==> flow/design.v <==
module my_mplex_p #(
  parameter NBITS = 2,
  parameter WAYS = 32,
  parameter LG = $clog2(WAYS)
) (
  input  wire ck,
  input  wire rst,
  input  wire en,
  input  wire [WAYS*NBITS-1:0] val_i,
  input  wire [LG-1:0] addr_i,
  output wire [NBITS-1:0] y_o
);
  reg [WAYS*NBITS-1:0] val_reg;
  reg [LG-1:0] addr_reg;
  wire [NBITS-1:0] opt [0:WAYS-1];
  genvar g;
  generate
    for (g = 0; g < WAYS; g = g + 1) begin : lane
      assign opt[g] = val_reg[g*NBITS +: NBITS];
    end
  endgenerate
  assign y_o = opt[addr_reg];
  always @(posedge ck or posedge rst) begin
    if (rst) begin
      val_reg <= 0;
      addr_reg <= 0;
    end else if (en) begin
      val_reg <= val_i;
      addr_reg <= addr_i;
    end
  end
endmodule
# Tool chain data of my_mplex_p
# What the tools print for my_mplex_p, step after step.
# Line numbers count from 1 in the design file above.
# Operators: Yosys type, input widths -> output width; for muxes data width and select width s.
# Cell names lack the library's common part.
# Not given: --
[inputs] design="my_mplex_p" clock="ck" library="sky130hd" pvt_corner="tt_025C_1v80"

# After elaboration
# Counts by Yosys on the flattened word-level netlist (proc, flatten, opt, wreduce). Print and check cells are left out. Cells with the same type and inputs are merged into one.
[op_classes] muxes=1 equal=31 reduce_logical=1
[op_table] op="$eq 5x5->1 const B" n=16
[op_table] op="$pmux 2 s32" n=1
[op_table] op="$eq 5x4->1 const B" n=8
[op_table] op="$eq 5x3->1 const B" n=4
[op_table] op="$eq 5x2->1 const B" n=2
[op_table] op="$eq 5x1->1 const B" n=1
[op_table] op="$logic_not 5->1" n=1
[word_totals] regBits=69

# Depth
# Yosys ltp: most cells in a row. Word level: on the elaborated netlist, between registers, memories and ports. Mapped: between sequential cells and ports; inverters and the memories' decode and read muxes count.
[depth] word_depth=2 abc_area=0 depth_mapped=7 ltp_nobuf=5

# Synthesis result
# The flow's flattened synthesis, as Yosys stat reports it; memories are mapped. The netlist is that of the ABC_AREA named above (0 if unset); the other value can give another one.
[mapped] stdcells=263 yosys_area_um2=3320.7 seq_area_um2=1726.7 flip_flops=69
[types] cell="dfrtp_1" n=69
[types] cell="mux2_2" n=71
[types] cell="mux2i_1" n=5
[types] cell="buf_2" n=9
[types] cell="nand3_1" n=8
[types] cell="o21ai_0" n=8
[types] cell="nand2_1" n=10
[types] cell="nor2b_1" n=6
[types] cell="a32oi_1" n=4
[types] cell="a22oi_1" n=4
[types] cell="nor2_1" n=8
[types] cell="a31oi_1" n=4
[types] cell="buf_4" n=3
[types] cell="clkbuf_1" n=6
[types] cell="mux4_2" n=1
[types] cell="nor3b_1" n=3
[types] cell="o31ai_1" n=3
[types] cell="buf_12" n=1
# Other cell types: 28; their cells: 40.

# Path before layout
# Path of least setup slack by OpenSTA after synthesis, without wires, with an ideal clock, recovery checks aside; 20% of the period is set as input and as output delay. Where synthesis merged equal registers, the netlist keeps one of their names.
[synth_timing] path_type="register to output" from="reg addr_reg[0]" to="out y_o[0]" path_stages=7 delay_ns=1.455 output_delay_ns=0.454 arrival_time_ns=1.455 clock_period_ns=2.27 setup_slack_ns=0.361 t_required_ns=1.816 period_less_setup_slack_ns=1.909
# "delay_ns" is the arrival time less input delay plus setup time.
# A path that ends at an output port has no setup time.
# "path_stages": output pins that drive a net of the path, with the launching flip-flop's if there is one; two outputs of one cell count as two.
# "period_less_setup_slack_ns" is the clock period less the worst setup slack; recovery checks do not enter. This is arithmetic on one report: input and output delays are still those of the set period (20% each).
# Between the ends stands the longest chain of elaborated cells between them, by number of cells; it is not shown to be the way that was timed. Of several equally long chains one is given.
# Each line given opens the expression or statement behind the cell; cells for indexed reads and writes are added by Yosys, which also makes memories of some case tables.
[synth_between] cell_sequence="dfrtp_1 > buf_6 > nand2b_1 > mux4_2 > nor2_1 > nor4_1 > o221ai_1" elab_chain_len=2
[synth_rtl] item="from (decl)" line=14 source="reg [LG-1:0] addr_reg;"
[synth_rtl] item="from (assign)" line=26 source="addr_reg <= 0;"
[synth_rtl] item="from (assign)" line=29 source="addr_reg <= addr_i;"
[synth_rtl] item="$eq 5x5->1" line=22 source="assign y_o = opt[addr_reg];"
[synth_rtl] item="$pmux 2 s32" line=22
[synth_rtl] item="to (decl)" line=11 source="output wire [NBITS-1:0] y_o"

# Timing after layout
# Path of least setup slack in the final report of job 1 (OpenROAD, finished layout, wires in). Where an end is a register, its clock arrival counts in the times.
[layout_timing] path_type="register to output" from="reg addr_reg[0]" to="out y_o[1]" arrival_time_ns=2.08 path_stages=9 output_delay_ns=0.25 clock_period_ns=1.23 t_required_ns=0.98 setup_slack_ns=-1.10
# Between the ends stands the longest chain of elaborated cells between them, by number of cells; it is not shown to be the way that was timed. Of several equally long chains one is given.
[layout_between] cell_sequence="dfrtp_1 > buf_6 > buf_12 > or3b_1 > a21o_1 > a32oi_2 > o31ai_1 > o211ai_1 > buf_2" elab_chain_len=2
[layout_rtl] item="from (decl)" line=14 source="reg [LG-1:0] addr_reg;"
[layout_rtl] item="from (assign)" line=26 source="addr_reg <= 0;"
[layout_rtl] item="from (assign)" line=29 source="addr_reg <= addr_i;"
[layout_rtl] item="$eq 5x5->1" line=22 source="assign y_o = opt[addr_reg];"
[layout_rtl] item="$pmux 2 s32" line=22
[layout_rtl] item="to (decl)" line=11 source="output wire [NBITS-1:0] y_o"

Add stored flow runs of my_mplex_p

Flow measurements of my_mplex_p on sky130hd: 3 stored runs with different settings, listed in no order. Input and output delays are each 20% of the period that was set; the output load is 0.01 pF.
"worst_path_ns" is the time allowed to the run's worst setup path (the clock period less input and output delay, where it has them) less its slack. Clock arrival times count: a late capture clock shortens it, a late launch clock lengthens it.
"power_uw" rests on the timing tool's default activity at the inputs, not on a simulated workload.

[flow] job 1: files
==> flow/run.sh <==
#!/bin/bash
# the make line also repeats the synthesis and layout settings of config.mk as NAME=value (left out here)
make -C /OpenROAD-flow-scripts/flow DESIGN_CONFIG=/design/flow/config.mk WORK_HOME=/design/flow/orfs CLKGATE_MAP_FILE= finish
==> flow/config.mk <==
export PLATFORM = sky130hd
export DESIGN_NAME = my_mplex_p
export DESIGN_NICKNAME = my_mplex_p
export VERILOG_FILES = /design/flow/design.v
export SDC_FILE = /design/flow/constraint.sdc
export NUM_CORES = 4
export LEC_CHECK = 0
export CAP_MARGIN = 20
export CELL_PAD_IN_SITES_GLOBAL_PLACEMENT = 2
export CORE_ASPECT_RATIO = 1.95
export CORE_MARGIN = 2
export CORE_UTILIZATION = 30
export MAX_ROUTING_LAYER = met5
export MIN_ROUTING_LAYER = met1
export SETUP_SLACK_MARGIN = 0.21
export SLEW_MARGIN = 20
==> flow/constraint.sdc <==
create_clock -name core_clock -period 1.23 [get_ports {ck}]
set_input_delay 0.2460 -clock core_clock [delete_from_list [all_inputs] [get_ports {ck}]]
set_output_delay 0.2460 -clock core_clock [all_outputs]
set_load 0.01 [all_outputs]

[flow] job 1: metrics
[metrics] power_uw = 6500
[metrics] final_die_area_um2 = 11973.6
[metrics] yosys_chip_area_um2 = 3320.7
[metrics] timing.setup.ws_ns = -1.097
[metrics] cell_area_final_um2 = 4860.9
[metrics] worst_path_ns = 2.08
[metrics] critical_path_kind = register to output
[metrics] tns_ns = -2.130

[flow] job 2: files
==> flow/run.sh <==
#!/bin/bash
# the make line also repeats the synthesis and layout settings of config.mk as NAME=value (left out here)
make -C /OpenROAD-flow-scripts/flow DESIGN_CONFIG=/design/flow/config.mk WORK_HOME=/design/flow/orfs CLKGATE_MAP_FILE= finish
==> flow/config.mk <==
export PLATFORM = sky130hd
export DESIGN_NAME = my_mplex_p
export DESIGN_NICKNAME = my_mplex_p
export VERILOG_FILES = /design/flow/design.v
export SDC_FILE = /design/flow/constraint.sdc
export NUM_CORES = 4
export LEC_CHECK = 0
export ABC_AREA = 0
export CAP_MARGIN = 20
export CELL_PAD_IN_SITES_GLOBAL_PLACEMENT = 2
export CORE_MARGIN = 8
export CORE_UTILIZATION = 53
export GPL_TIMING_DRIVEN = 0
export MAX_ROUTING_LAYER = met5
export PLACE_DENSITY_LB_ADDON = 0.0
export SLEW_MARGIN = 20
==> flow/constraint.sdc <==
create_clock -name core_clock -period 3.07 [get_ports {ck}]
set_input_delay 0.6140 -clock core_clock [delete_from_list [all_inputs] [get_ports {ck}]]
set_output_delay 0.6140 -clock core_clock [all_outputs]
set_load 0.01 [all_outputs]

[flow] job 2: no final report: placement broke off with FLW-0024

[flow] job 3: files
==> flow/run.sh <==
#!/bin/bash
# the make line also repeats the synthesis and layout settings of config.mk as NAME=value (left out here)
make -C /OpenROAD-flow-scripts/flow DESIGN_CONFIG=/design/flow/config.mk WORK_HOME=/design/flow/orfs CLKGATE_MAP_FILE= finish
==> flow/config.mk <==
export PLATFORM = sky130hd
export DESIGN_NAME = my_mplex_p
export DESIGN_NICKNAME = my_mplex_p
export VERILOG_FILES = /design/flow/design.v
export SDC_FILE = /design/flow/constraint.sdc
export NUM_CORES = 4
export LEC_CHECK = 0
export CAP_MARGIN = 20
export CORE_MARGIN = 2
export CORE_UTILIZATION = 40
export SLEW_MARGIN = 20
==> flow/constraint.sdc <==
create_clock -name core_clock -period 2.27 [get_ports {ck}]
set_input_delay 0.4540 -clock core_clock [delete_from_list [all_inputs] [get_ports {ck}]]
set_output_delay 0.4540 -clock core_clock [all_outputs]
set_load 0.01 [all_outputs]

[flow] job 3: metrics
[metrics] power_uw = 3188
[metrics] final_die_area_um2 = 9046.9
[metrics] yosys_chip_area_um2 = 3320.7
[metrics] timing.setup.ws_ns = -0.267
[metrics] cell_area_final_um2 = 4571.9
[metrics] worst_path_ns = 2.08
[metrics] critical_path_kind = register to output
[metrics] tns_ns = -0.467
